==> flow/design.v <==
module alu_cmp #(
    parameter NBITS = 16
) (
    input aclk,
    input en,
    input signed [NBITS-1:0] op_a,
    input signed [NBITS-1:0] op_b,
    output below,
    output a_eq_b,
    output a_gt_b
);
    reg signed [NBITS-1:0] op_a_ff;
    reg signed [NBITS-1:0] op_b_ff;
    always @(posedge aclk) begin
        if (en) begin
            op_a_ff <= op_a;
            op_b_ff <= op_b;
        end
    end
    assign below = (op_a_ff < op_b_ff);
    assign a_eq_b = (op_a_ff == op_b_ff);
    assign a_gt_b = (op_a_ff > op_b_ff);
endmodule
# From RTL to reports: alu_cmp
# What the tools print for alu_cmp, step after step.
# Line numbers count from 1 in the design file above.
# Operators: Yosys type, input widths -> output width; for muxes data width and select width s.
# Library cell names are shortened.
# The mark - stands for no value.
# setup
top,alu_cmp
clk_port,aclk
lib,sky130hd
pvt_corner,tt_025C_1v80

# Elaborated design
# Counts by Yosys on the flattened word-level netlist (proc, flatten, opt, wreduce; memories kept). Register bits leave out memories and registers merged into their read ports (data or address); mux counts leave out enables and synchronous resets folded into registers. Print and check cells are left out. Cells with the same type and inputs are merged into one.
# bits
register_bits,32
inputBits,34
mem_count,0
output_inout_bits,3
latch_bits,0
mem_bits_rw,0
clocked_rd_ports_x_width,0
mem_bits_ro,0
# op_classes
compare,2
reduce_logical,0
n_mul,0
n_eq,1
n_shift,0
bitwise,0
add_sub_neg,0
div,0
muxes,0
# op_table
cell,n
$gt 16x16->1,1
$lt 16x16->1,1
$eq 16x16->1,1

# Logic depth
# Yosys ltp: most cells in a row. Word level: on the elaborated netlist, between registers, memories and ports. Mapped: between sequential cells and ports; inverters and the memories' decode and read muxes count.
# depth
ltp_word,1
ABC_AREA,1
depth_mapped,14
depth_no_buf,14

# Mapped cells and area
# Yosys stat after the flow's synthesis: flattened, memories mapped to cells. It holds for the ABC_AREA given above (unset counts as 0); a run with the other value may have another netlist.
# Totals and module areas in this step are rounded.
# by_type
cell,n
edfxtp_1,32
ha_1,16
inv_1,21
nand2_1,20
a21oi_1,6
nor2_1,5
nor2_2,2
nand3_1,2
a21o_1,1
nand2_2,1
nand4_1,1
o21ai_0,1
clkinv_1,1
# synth_totals
ff_cells,32
yosys_area_um2,1420
buf_cells,0
cell_count,109

# Worst setup path after synthesis
# Source: OpenSTA report_checks on the synthesized netlist (no wires, ideal clock, input and output delay 20% of the period each), path of least setup slack; recovery checks are left aside. Register names are those of the netlist, which keeps one name where synthesis merged equal registers.
# synth_timing
kind,register -> output
start,reg op_a_ff[15]
end,out a_gt_b
setup_slack_ns,0.815
n_path_buf,0
required_ns,2.176
tclk_ns,2.72
stages,9
t_first_pin_ns,0.000
out_delay_ns,0.544
path_delay_ns,1.361
arrival_time_ns,1.361
synth_period_reached_ns,1.905
# "path_delay_ns" = arrival - input delay + setup time.
# At an output port there is no setup time.
# "stages" counts driving pins, that of a launching flip-flop among them; a cell with two outputs on the path counts twice.
# "synth_period_reached_ns" = period - worst setup slack (recovery checks aside). The figure is calculated, with input and output delays left at 20% of the set period.
# Between the ends stands the longest chain of elaborated cells between them, by number of cells; it is not shown to be the way that was timed. Of several equally long chains one is given.
# A line is the first line of the expression or statement that the cell stems from. Yosys adds cells for indexed reads and writes and turns some case tables into memories.
# synth_between
cell_sequence,edfxtp_1 ha_1 a21oi_1 o21ai_0 a21oi_1 nand2_1 nand2_1 nand2_2 nor2_2
elab_chain_cells,1
# synth_lines
element,line,source
"start, declared",12,reg signed [NBITS-1:0] op_a_ff;
"start, assigned",16,op_a_ff <= op_a;
$gt 16x16->1,22,assign a_gt_b = (op_a_ff > op_b_ff);
"end, declared",10,output a_gt_b
# Nets of the timed path that keep an RTL name, with a line that drives or declares them; the list need not be complete.
# synth_named_nets
net,line,source
below,20,assign below = (op_a_ff < op_b_ff);

# Path in the finished layout
# Path of least setup slack in the final report of record 1 (OpenROAD, finished layout, wires in). Where an end is a register, its clock arrival counts in the times.
# layout_timing
kind,register -> output
start,reg op_a_ff[15]
end,out a_gt_b
n_path_buf,1
setup_slack_ns,0.50
t_first_pin_ns,0.32
arrival_time_ns,2.26
out_delay_ns,0.69
required_ns,2.76
stages,10
tclk_ns,3.45
# Between the ends stands the longest chain of elaborated cells between them, by number of cells; it is not shown to be the way that was timed. Of several equally long chains one is given.
# layout_between
cell_sequence,edfxtp_1 ha_1 a21oi_1 o21ai_0 a21oi_1 nand2_1 nand2_1 nand2_2 nor2_2 clkdlybuf4s50_1
elab_chain_cells,1
# layout_lines
element,line,source
"start, declared",12,reg signed [NBITS-1:0] op_a_ff;
"start, assigned",16,op_a_ff <= op_a;
$gt 16x16->1,22,assign a_gt_b = (op_a_ff > op_b_ff);
"end, declared",10,output a_gt_b

# Below are 3 stored runs of the flow (Yosys, OpenROAD; platform sky130hd) on alu_cmp, each with its settings and what was measured, unordered. Constraints: input delay and output delay 20% of the set period each, output load 0.01 pF.
# The measured numbers are rounded.
# Settings: . = not set for that run.
run,period_ns,CORE_UTILIZATION,SETUP_SLACK_MARGIN,TNS_END_PERCENT,ABC_AREA,GPL_TIMING_DRIVEN,GPL_ROUTABILITY_DRIVEN,CTS_CLUSTER_DIAMETER,CAP_MARGIN,SLEW_MARGIN,MIN_ROUTING_LAYER,CORE_MARGIN,PLACE_DENSITY,HOLD_SLACK_MARGIN,CORE_ASPECT_RATIO,yosys_chip_area_um2,final_die_area_um2,finalUtil_pct,ws_setup_ns,final_setup_tns_ns
record 1,3.45,42,0.12,15,1,1,0,227,0,30,met1,2,.,.,.,1420,3850,57.8,0.501,0.000
record 2,1.76,20,.,.,.,0,.,.,15,20,met2,2,0.69,0.04,1.73,1400,7700,31.7,-0.812,-1.90
record 3,2.72,40,.,.,.,.,.,.,20,20,.,2,.,.,.,1400,3980,60.9,-0.078,-0.078
